==> flow/design.v <==
module my_selector_rtl #(
    parameter W = 32
) (
    input wire clk,
    input wire nrst,
    input wire [W-1:0] din0,
    input wire [W-1:0] din1,
    input wire [W-1:0] din2,
    input wire [W-1:0] din3,
    input wire [W-1:0] din4,
    input wire [2:0] sel,
    output wire [W-1:0] q
);
    reg [W-1:0] din0_ff;
    reg [W-1:0] din1_ff;
    reg [W-1:0] din2_ff;
    reg [W-1:0] din3_ff;
    reg [W-1:0] din4_ff;
    reg [2:0] sel_ff;
    always @(posedge clk or negedge nrst) begin
        if (!nrst) begin
            din0_ff <= 0;
            din1_ff <= 0;
            din2_ff <= 0;
            din3_ff <= 0;
            din4_ff <= 0;
            sel_ff <= 0;
        end else begin
            din0_ff <= din0;
            din1_ff <= din1;
            din2_ff <= din2;
            din3_ff <= din3;
            din4_ff <= din4;
            sel_ff <= sel;
        end
    end
    reg [W-1:0] t;
    always @* begin
        if (sel_ff == 0) t = din0_ff;
        else if (sel_ff == 1) t = din1_ff;
        else if (sel_ff == 2) t = din2_ff;
        else if (sel_ff == 3) t = din3_ff;
        else t = din4_ff;
    end
    assign q = t;
endmodule
* Tool chain data of my_selector_rtl
What the tools print for my_selector_rtl, step after step.
Line numbers count from 1 in the design file above.
Operators: Yosys type, input widths -> output width; for muxes data width and select width s.
Cell names lack the library's common part.
A cell with -- has no value.
- Design top :: my_selector_rtl
- Clock :: clk
- Library :: sky130hd
- Library corner :: tt_025C_1v80

* After elaboration
Yosys after proc, flatten, opt, wreduce and memory -nomap, before mapping. Enables and synchronous resets that opt folds into registers are not counted as muxes. Memory bits, and registers merged into a memory's read port (data or address), are not among the register bits. Print and check cells are not counted. Equal cells are merged and count once.
- Flip-flop bits (word level) :: 163
- Input port bits :: 165
- Output and inout bits :: 32
- Equal/unequal tests :: 3
- Muxes and demuxes :: 4
- Reduce/logical cells :: 1
** Operators with widths (count)
- $mux 32 :: 4
- $eq 3x2->1 const B :: 2
- $eq 3x1->1 const B :: 1
- $logic_not 3->1 :: 1

* Longest topological paths
Yosys ltp: most cells in a row. Word level: on the elaborated netlist, between registers, memories and ports. Mapped: between sequential cells and ports; inverters and the memories' decode and read muxes count.
- Depth after elaboration :: 5
- ABC_AREA :: 1
- Depth in mapped cells :: 8

* After synthesis
Yosys stat after the flow's synthesis: flattened, memories mapped to cells. It holds for the ABC_AREA given above (unset counts as 0); a run with the other value may have another netlist.
The area totals of this step are shown rounded.
- Cell count :: 645
- Mapped area :: 6080 um^2
- Flip-flops :: 163
- Buffer cells :: 25
** Cells by type (count)
- dfrtp_1 :: 163
- nand2_1 :: 193
- nor2_1 :: 128
- inv_1 :: 97
- nand3_1 :: 33
- buf_6 :: 7
- buf_4 :: 8
- buf_2 :: 10
- nor2_8 :: 2
- nand3_4 :: 1
- nor2_4 :: 1
- or2_1 :: 1
- inv_2 :: 1

* Timing after synthesis
OpenSTA on the mapped netlist: ideal clock, no wires. The path of least setup slack (recovery checks aside). Input and output delay are each 20% of the period. Register names are those of the netlist, which keeps one name where synthesis merged equal registers.
- Path kind :: flip-flop to output port
- From :: reg sel_ff[1]
- To :: out q[1]
- Clock period :: 2090 ps
- External output delay :: 418 ps
- Time at the first pin :: 0 ps
- Arrival :: 1262 ps
- Path slack :: 410 ps
- Delay of the path :: 1262 ps
- Stages :: 9
- Buffers on the path :: 2
- Synthesis period reached :: 1680 ps
"delay of the path" is the arrival time less input delay plus setup time.
At an output port there is no setup time.
"stages": output pins that drive a net of the path, with the launching flip-flop's if there is one; two outputs of one cell count as two.
"synthesis period reached" is the clock period less the worst setup slack; recovery checks do not enter. This is arithmetic on one report: input and output delays are still those of the set period (20% each).
Between the ends stands the longest chain of elaborated cells between them, by number of cells; it is not shown to be the way that was timed. Of several equally long chains one is given.
Each line given opens the expression or statement behind the cell; cells for indexed reads and writes are added by Yosys, which also makes memories of some case tables.
- Cell sequence :: dfrtp_1 or2_1 buf_6 nor2_8 buf_4 nor2_1 nand2_1 nand2_1 nand2_1
- Length of the longest elaborated chain :: 5
- Elaborated cells on any way between the ends :: 8
- Source lines of those cells :: 4
** RTL lines, path post-synthesis
- start, declared :: RTL line 19 : reg [2:0] sel_ff;
- start, assigned :: RTL line 27 : sel_ff <= 0;
- start, assigned :: RTL line 34 : sel_ff <= sel;
- $eq 3x2->1 :: RTL line 42 : else if (sel_ff == 3) t = din3_ff;
- $mux 32 :: RTL line 42
- $mux 32 :: RTL line 41 : else if (sel_ff == 2) t = din2_ff;
- $mux 32 :: RTL line 40 : else if (sel_ff == 1) t = din1_ff;
- $mux 32 :: RTL line 39 : if (sel_ff == 0) t = din0_ff;
- end, declared :: RTL line 12 : output wire [W-1:0] q

* Path in the finished layout
Path of least setup slack in the final report of entry A (OpenROAD, finished layout, wires in). Where an end is a register, its clock arrival counts in the times.
The report prints the path's times to 10 ps; the period is as set.
- Path kind :: flip-flop to output port
- From :: reg sel_ff[1]
- To :: out q[23]
- Clock period :: 2100 ps
- External output delay :: 420 ps
- Time at the first pin :: 420 ps
- Arrival :: 2030 ps
- Path slack :: -350 ps
- Stages :: 12
- Buffers on the path :: 6
Between the ends stands the longest chain of elaborated cells between them, by number of cells; it is not shown to be the way that was timed. Of several equally long chains one is given.
- Cell sequence :: dfrtp_1 or2_1 buf_6 buf_6 nor2_8 buf_12 buf_12 buf_16 nor2_2 nand2_2 nand2_2 buf_6
- Length of the longest elaborated chain :: 5
- Elaborated cells on any way between the ends :: 8
- Source lines of those cells :: 4
** RTL lines, path after layout
- start, declared :: RTL line 19 : reg [2:0] sel_ff;
- start, assigned :: RTL line 27 : sel_ff <= 0;
- start, assigned :: RTL line 34 : sel_ff <= sel;
- $eq 3x2->1 :: RTL line 42 : else if (sel_ff == 3) t = din3_ff;
- $mux 32 :: RTL line 42
- $mux 32 :: RTL line 41 : else if (sel_ff == 2) t = din2_ff;
- $mux 32 :: RTL line 40 : else if (sel_ff == 1) t = din1_ff;
- $mux 32 :: RTL line 39 : if (sel_ff == 0) t = din0_ff;
- end, declared :: RTL line 12 : output wire [W-1:0] q

==> results <==
Top module my_selector_rtl; platform sky130hd; tools Yosys and OpenROAD; 3 stored runs in no particular order. Input and output delays are each 20% of the period that was set; the output load is 0.01 pF.
"achieved clock period" is the run's clock period less its worst setup slack. It is reckoned from that one timing run; input and output delays stay at 20% of the period that was set.
"worst path time" is the time allowed to the run's worst setup path (the clock period less input and output delay, where it has them) less its slack. Clock arrival times count: a late capture clock shortens it, a late launch clock lengthens it.
"power consumption": no workload was simulated; the value follows from the tool's default switching activity.
"worst path time" is known to 10 ps.
The measured numbers are rounded.

** Entry A
- Settings :: period_ns=2.1; CORE_UTILIZATION=30; SETUP_SLACK_MARGIN=0.26; PLACE_DENSITY_LB_ADDON=0.28; CORE_MARGIN=3; CELL_PAD_IN_SITES_GLOBAL_PLACEMENT=2; TNS_END_PERCENT=70; ABC_AREA=1; GPL_TIMING_DRIVEN=0; MIN_ROUTING_LAYER=met2; CAP_MARGIN=20; SLEW_MARGIN=20
- Power consumption :: 7430 µW
- Post-route utilization :: 48.3 %
- Worst path time :: 2030 ps
- Worst setup path kind :: flip-flop to output port
- Achieved clock period :: 2454 ps
- Chip area after synthesis (Yosys) :: 6080 um^2
- Area inside the die boundary :: 22000 um^2
- Worst hold slack in the final report :: 429 ps
- Total negative setup slack :: -10100 ps
- Std-cell area (final layout) :: 9530 um^2
- Worst slack on setup checks :: -354 ps

** Entry B
- Settings :: period_ns=2.09; CAP_MARGIN=20; CORE_MARGIN=2; CORE_UTILIZATION=40; SLEW_MARGIN=20
- Chip area after synthesis (Yosys) :: 5490 um^2
- Worst slack on setup checks :: -345 ps
- Achieved clock period :: 2435 ps
- Area inside the die boundary :: 14700 um^2
- Total negative setup slack :: -8080 ps
- Post-route utilization :: 62.6 %
- Std-cell area (final layout) :: 8320 um^2
- Worst hold slack in the final report :: 440 ps
- Worst path time :: 2020 ps
- Worst setup path kind :: flip-flop to output port
- Power consumption :: 7240 µW

** Entry C
- Settings :: period_ns=1.32; CORE_UTILIZATION=63; SETUP_SLACK_MARGIN=0.1; PLACE_DENSITY_LB_ADDON=0.14; HOLD_SLACK_MARGIN=-0.08; ABC_AREA=1; GPL_ROUTABILITY_DRIVEN=1; CTS_CLUSTER_SIZE=86; SLEW_MARGIN=5; CAP_MARGIN=20; CORE_MARGIN=2
- Outcome :: did not finish, clock tree synthesis stopped with DPL-0038
